==> flow/design.v <==
module ex_aligner (clk_i, clr, src, sh, dout);
    parameter DWIDTH = 96;
    localparam SBITS = $clog2(DWIDTH);
    input clk_i;
    input clr;
    input [DWIDTH-1:0] src;
    input [SBITS-1:0] sh;
    output [DWIDTH-1:0] dout;
    reg [DWIDTH-1:0] r_src;
    reg [SBITS-1:0] r_sh;
    always @(posedge clk_i or posedge clr) begin
        if (clr) begin
            r_src <= 0;
            r_sh <= 0;
        end else begin
            r_src <= src;
            r_sh <= sh;
        end
    end
    assign dout = r_src << r_sh;
endmodule
# Step by step through the tools: ex_aligner
# Tool output for the design above, in the order of the flow.
# Lines are those of the file above, counted from 1.
# Library cell names are shortened.
# The mark - stands for no value.
# design
top	ex_aligner
clock_port	clk_i
library	sky130hd
lib_corner	tt_025C_1v80

# After elaboration
# Counts by Yosys on the flattened word-level netlist (proc, flatten, opt, wreduce; memories kept). Register bits leave out memories and registers merged into their read ports (data or address); mux counts leave out enables and synchronous resets folded into registers. Print and check cells are left out. Cells with the same type and inputs are merged into one.
# op_classes
shifts	1
# ops
cell	n
left shift 96 x 7 -> 96 bit	1
# word_totals
ff_bits	103
in_bits	105
out_inout_bits	96

# Logic depth
# Yosys ltp: most cells in a row. Word level: on the elaborated netlist, between registers, memories and ports. Mapped: between sequential cells and ports; inverters and the memories' decode and read muxes count.
# logic_depth
ltp_word	1
ABC_AREA	0
ltp_mapped	11
mapped_depth_nobuf	6

# Synthesis result
# Yosys stat after the flow's synthesis: flattened, memories mapped to cells. It holds for the ABC_AREA given above (unset counts as 0); a run with the other value may have another netlist.
# The area totals of this step are shown rounded.
# synth_totals
mapped_cells	1012
mapped_area_um2	9730
ffs	103
n_buf	92
# types
cell	n	type_area_um2
dfrtp_1	103	2.58E+03
mux4_2	67	1.51E+03
mux2i_1	103	1.03E+03
mux2_2	81	912.125
nor2_1	115	431.664
nand2_1	102	382.867
o22ai_1	52	325.312
o21ai_0	37	185.178
clkbuf_1	43	161.405
o211ai_1	20	150.144
a21oi_1	25	125.12
buf_2	25	125.12
nand3_1	23	115.11
a22oi_1	15	112.608
mux4_1	4	105.101
o221ai_1	12	105.101
a211oi_1	13	97.594
buf_6	7	78.826
# Not listed: further types 47, cells in them 165.

# Timing after synthesis
# OpenSTA on the mapped netlist: ideal clock, no wires. The path of least setup slack (recovery checks aside). Input and output delay are each 20% of the period. Register names are those of the netlist, which keeps one name where synthesis merged equal registers.
# synth_timing
kind	reg-to-output
startpoint	reg r_sh[3]
endpoint	out dout[91]
stages	10
setup_slack_ns	0.581
delay_ns	2.339
launch_ns	0.000
output_delay_ns	0.730
arrival_ns	2.339
tclk_ns	3.65
synth_period_reached_ns	3.069
# "delay_ns" = arrival - input delay + setup time.
# A path that ends at an output port has no setup time.
# "stages": output pins that drive a net of the path, with the launching flip-flop's if there is one; two outputs of one cell count as two.
# "synth_period_reached_ns" is the clock period less the worst setup slack; recovery checks do not enter. This is arithmetic on one report: input and output delays are still those of the set period (20% each).
# Between the ends stands the longest chain of elaborated cells between them, by number of cells; it is not shown to be the way that was timed. Of several equally long chains one is given.
# A line is the first line of the expression or statement that the cell stems from. Yosys adds cells for indexed reads and writes and turns some case tables into memories.
# synth_between
cell_sequence	dfrtp_1 -> buf_2 -> buf_2 -> clkbuf_1 -> mux4_2 -> mux2_2 -> mux2i_1 -> mux2i_1 -> a221oi_1 -> o21ai_1
elab_chain_cells	1
# synth_lines
item	line_no	text
from (decl)	10	reg [SBITS-1:0] r_sh;
from (assign)	14	r_sh <= 0;
from (assign)	17	r_sh <= sh;
left shift 96 x 7 -> 96 bit	20	assign dout = r_src << r_sh;
to (decl)	8	output [DWIDTH-1:0] dout;

# Path in the finished layout
# From the final timing report of entry A: the path of least setup slack in the routed layout; clock arrival at registers is part of the times.
# layout_timing
kind	reg-to-output
startpoint	reg r_sh[0]
endpoint	out dout[81]
tclk_ns	3.65
stages	12
output_delay_ns	0.73
launch_ns	0.36
setup_slack_ns	-0.13
arrival_ns	3.05
# Between the ends stands the longest chain of elaborated cells between them, by number of cells; it is not shown to be the way that was timed. Of several equally long chains one is given.
# layout_between
cell_sequence	dfrtp_4 -> buf_12 -> buf_4 -> mux4_2 -> mux2_4 -> buf_6 -> mux2i_4 -> nor2_2 -> a31oi_2 -> buf_4 -> o211ai_1 -> buf_2
elab_chain_cells	1
# layout_lines
item	line_no	text
from (decl)	10	reg [SBITS-1:0] r_sh;
from (assign)	14	r_sh <= 0;
from (assign)	17	r_sh <= sh;
left shift 96 x 7 -> 96 bit	20	assign dout = r_src << r_sh;
to (decl)	8	output [DWIDTH-1:0] dout;

# Measured results for ex_aligner: 2 stored runs of the Yosys and OpenROAD flow on sky130hd. The settings differ; the order carries no meaning. The constraints put input and output delay at 20% of the set period each and load the outputs with 0.01 pF.
# By "worst_path_time_ns" is meant the share of the clock period that the worst setup path is allowed (20% is reserved at inputs, 20% at outputs), minus its slack. Clock arrival times at its registers enter into it.
# "totalPower_w" is the tool's figure for a default switching activity; nothing was simulated.
# Results are given in rounded form.
# Settings: n/a = not set for that run.
run name	period_ns	CAP_MARGIN	CORE_MARGIN	CORE_UTILIZATION	SLEW_MARGIN	SETUP_SLACK_MARGIN	PLACE_DENSITY_LB_ADDON	CELL_PAD_IN_SITES_GLOBAL_PLACEMENT	CELL_PAD_IN_SITES_DETAIL_PLACEMENT	GPL_ROUTABILITY_DRIVEN	CTS_CLUSTER_SIZE	CTS_CLUSTER_DIAMETER	MIN_ROUTING_LAYER	yosys.chip_area_um2	final_cell_area_um2	die_area_um2	totalPower_w	timing.setup.ws_ns	worst_path_time_ns	path_kind	layout_utilization_frac
entry A	3.65	20	2	40	20	n/a	n/a	n/a	n/a	n/a	n/a	n/a	n/a	9730	15400	25600	0.00459	-0.131	3.05	reg-to-output	0.638
entry B	3.72	20	9	42	20	-0.13	0.11	2	1	0	19	181	met1	9730	14500	29000	0.00465	-0.454	3.43	reg-to-output	0.64
